==> flow/design.v <==
module core_muxn_mod #(
  parameter integer W = 20,
  parameter integer NUM = 2,
  parameter integer LG = $clog2(NUM)
) (
  input  logic sys_clk,
  input  logic en,
  input  logic [NUM*W-1:0] in,
  input  logic [LG-1:0] addr,
  output logic [W-1:0] y
);
  wire [W-1:0] tree [1:2*NUM-1];
  for (genvar gi = 0; gi < NUM; gi++) begin : each
    assign tree[NUM+gi] = in[gi*W +: W];
  end
  for (genvar gi = 1; gi < NUM; gi++) begin : u_g
    sel2 #(.N(W)) unit (.a(tree[2*gi]), .b(tree[2*gi+1]), .s(addr[LG - $clog2(gi+1)]), .y(tree[gi]));
  end
  always_ff @(posedge sys_clk) begin
    if (en) begin
      y <= tree[1];
    end
  end
endmodule
module sel2 #(parameter N = 1) (
  input logic [N-1:0] a,
  input logic [N-1:0] b,
  input logic s,
  output logic [N-1:0] y
);
  assign y = s ? b : a;
endmodule
### Reports on core_muxn_mod

Tool output for the design above, in the order of the flow.
Lines are those of the file above, counted from 1.
Cell names lack the library's common part.
Not given: --

* top module: core_muxn_mod
* clock input: sys_clk
* standard-cell library: sky130hd
* library corner: tt_025C_1v80

### After elaboration

Source: Yosys, flattened and elaborated, memories not mapped. Widths are those after wreduce; folded enables and synchronous resets count as part of the registers. Registers that Yosys merges into a memory's read port (data or address) are not register bits. Print and check cells do not count. Equal cells are merged and count once.

* multiplexer cells: 1

Operators by type and width (number)
* 2-to-1 mux 20 bit: 1

* register bits after elaboration: 20
* word-level cells: 2
* bits of input ports: 43

### Logic depth

Yosys ltp: most cells in a row. Word level: on the elaborated netlist, between registers, memories and ports. Mapped: between sequential cells and ports; inverters and the memories' decode and read muxes count.

* depth after elaboration: 1
* ABC_AREA: 1
* mapped depth: 4

### Synthesis result

Yosys stat after the flow's synthesis: flattened, memories mapped to cells. It holds for the ABC_AREA given above (unset counts as 0); a run with the other value may have another netlist.

* sequential part of the area: 600.6 sq um
* flip-flop cells: 20
* standard cells after synthesis: 85
* cell area after synthesis: 867.1 sq um

Cell types
* edfxtp_1: number 20, total area 600.576 sq um
* nand2_1: number 60, total area 225.216 sq um
* buf_6: number 2, total area 22.522 sq um
* buf_4: number 2, total area 15.014 sq um
* inv_2: number 1, total area 3.754 sq um

### Worst setup path after synthesis

Source: OpenSTA report_checks on the synthesized netlist (no wires, ideal clock, input and output delay 20% of the period each), path of least setup slack; recovery checks are left aside. Register names are those of the netlist, which keeps one name where synthesis merged equal registers.

* kind: input to register
* from: input addr[0]
* to: register y[15]
* launch time at the first pin: 0.218 ns
* period: 1.09 ns
* path delay: 0.490 ns
* path slack: 0.382 ns
* driving pins on the path: 3
* arrival time: 0.456 ns
* data required time: 0.838 ns
* external input delay: 0.218 ns
* period reached after synthesis: 0.708 ns

"path delay" = arrival - input delay + setup time.
"driving pins on the path" counts driving pins, that of a launching flip-flop among them; a cell with two outputs on the path counts twice.
"period reached after synthesis" = period - worst setup slack (recovery checks aside). The figure is calculated, with input and output delays left at 20% of the set period.
Between the ends stands the longest chain of elaborated cells between them, by number of cells; it is not shown to be the way that was timed. Of several equally long chains one is given.
Each line given opens the expression or statement behind the cell; cells for indexed reads and writes are added by Yosys, which also makes memories of some case tables.

* cells stage by stage: buf_4 > nand2_1 > nand2_1
* length of the longest elaborated chain: 1
* elaborated cells on any way between the ends: 1
* RTL lines with such cells: 1

Ends and longest elaborated chain, post-synthesis
* start: declaration: RTL line 9 `input  logic [LG-1:0] addr,`
* 2-to-1 mux 20 bit: RTL line 31 `assign y = s ? b : a;`
* end: assignment: RTL line 21 `y <= tree[1];`
* end: declaration: RTL line 10 `output logic [W-1:0] y`

### Worst path after layout

From the final timing report of flow run A: the path of least setup slack in the routed layout; clock arrival at registers is part of the times.

* kind: register to output
* from: register y[9]
* to: output y[9]
* external output delay: 0.16 ns
* driving pins on the path: 2
* data required time: 0.64 ns
* launch time at the first pin: 0.29 ns
* path slack: -0.22 ns
* period: 0.802 ns
* arrival time: 0.86 ns

* cells stage by stage: edfxtp_1 > buf_2
* length of the longest elaborated chain: 0
* elaborated cells on any way between the ends: 0
* RTL lines with such cells: 0

Ends and longest elaborated chain, after layout
* start: declaration: RTL line 10 `output logic [W-1:0] y`
* start: assignment: RTL line 21 `y <= tree[1];`
* end: declaration: RTL line 10

Design core_muxn_mod on sky130hd. What follows are 3 stored runs of the flow, each under its own settings; their order means nothing. The constraints put input and output delay at 20% of the set period each and load the outputs with 0.01 pF.
"achieved clock period": clock period set for the run, less the worst setup slack. It is reckoned from that one timing run; input and output delays stay at 20% of the period that was set.
"total design power": no workload was simulated; the value follows from the tool's default switching activity.

### Flow run A

Settings: `period_ns=0.802`, `CORE_UTILIZATION=50`, `SETUP_SLACK_MARGIN=0.1`, `PLACE_DENSITY=0.59`, `HOLD_SLACK_MARGIN=0.2`, `CORE_MARGIN=2`, `TNS_END_PERCENT=5`, `ABC_AREA=1`, `CTS_CLUSTER_DIAMETER=109`, `CAP_MARGIN=40`, `SLEW_MARGIN=40`

- Yosys chip area after synthesis: 867.1 sq um
- Area of the die: 2083.5 sq um
- Standard-cell area of the final layout: 1442.6 sq um
- Post-layout utilization: 86.4 %
- Setup slack of the worst path: -0.218 ns
- Worst hold slack in the final report: 0.422 ns
- Total design power: 2261 uW
- Achieved clock period: 1.020 ns

### Flow run B

Settings: `period_ns=1.09`, `CAP_MARGIN=20`, `CORE_MARGIN=2`, `CORE_UTILIZATION=40`, `SLEW_MARGIN=20`

- Yosys chip area after synthesis: 923.4 sq um
- Area of the die: 2708.7 sq um
- Standard-cell area of the final layout: 1554.0 sq um
- Post-layout utilization: 70.9 %
- Setup slack of the worst path: 0.028 ns
- Worst hold slack in the final report: 0.600 ns
- Total design power: 1714 uW
- Achieved clock period: 1.062 ns

### Flow run C

Settings: `period_ns=1.07`, `CORE_UTILIZATION=35`, `PLACE_DENSITY_LB_ADDON=0.19`, `CORE_ASPECT_RATIO=0.56`, `ABC_AREA=0`, `CAP_MARGIN=25`, `MAX_ROUTING_LAYER=met5`, `CORE_MARGIN=2`, `SLEW_MARGIN=20`

- Yosys chip area after synthesis: 923.4 sq um
- Area of the die: 3082.3 sq um
- Standard-cell area of the final layout: 1574.0 sq um
- Post-layout utilization: 65.4 %
- Setup slack of the worst path: 0.044 ns
- Worst hold slack in the final report: 0.592 ns
- Total design power: 1851 uW
- Achieved clock period: 1.026 ns
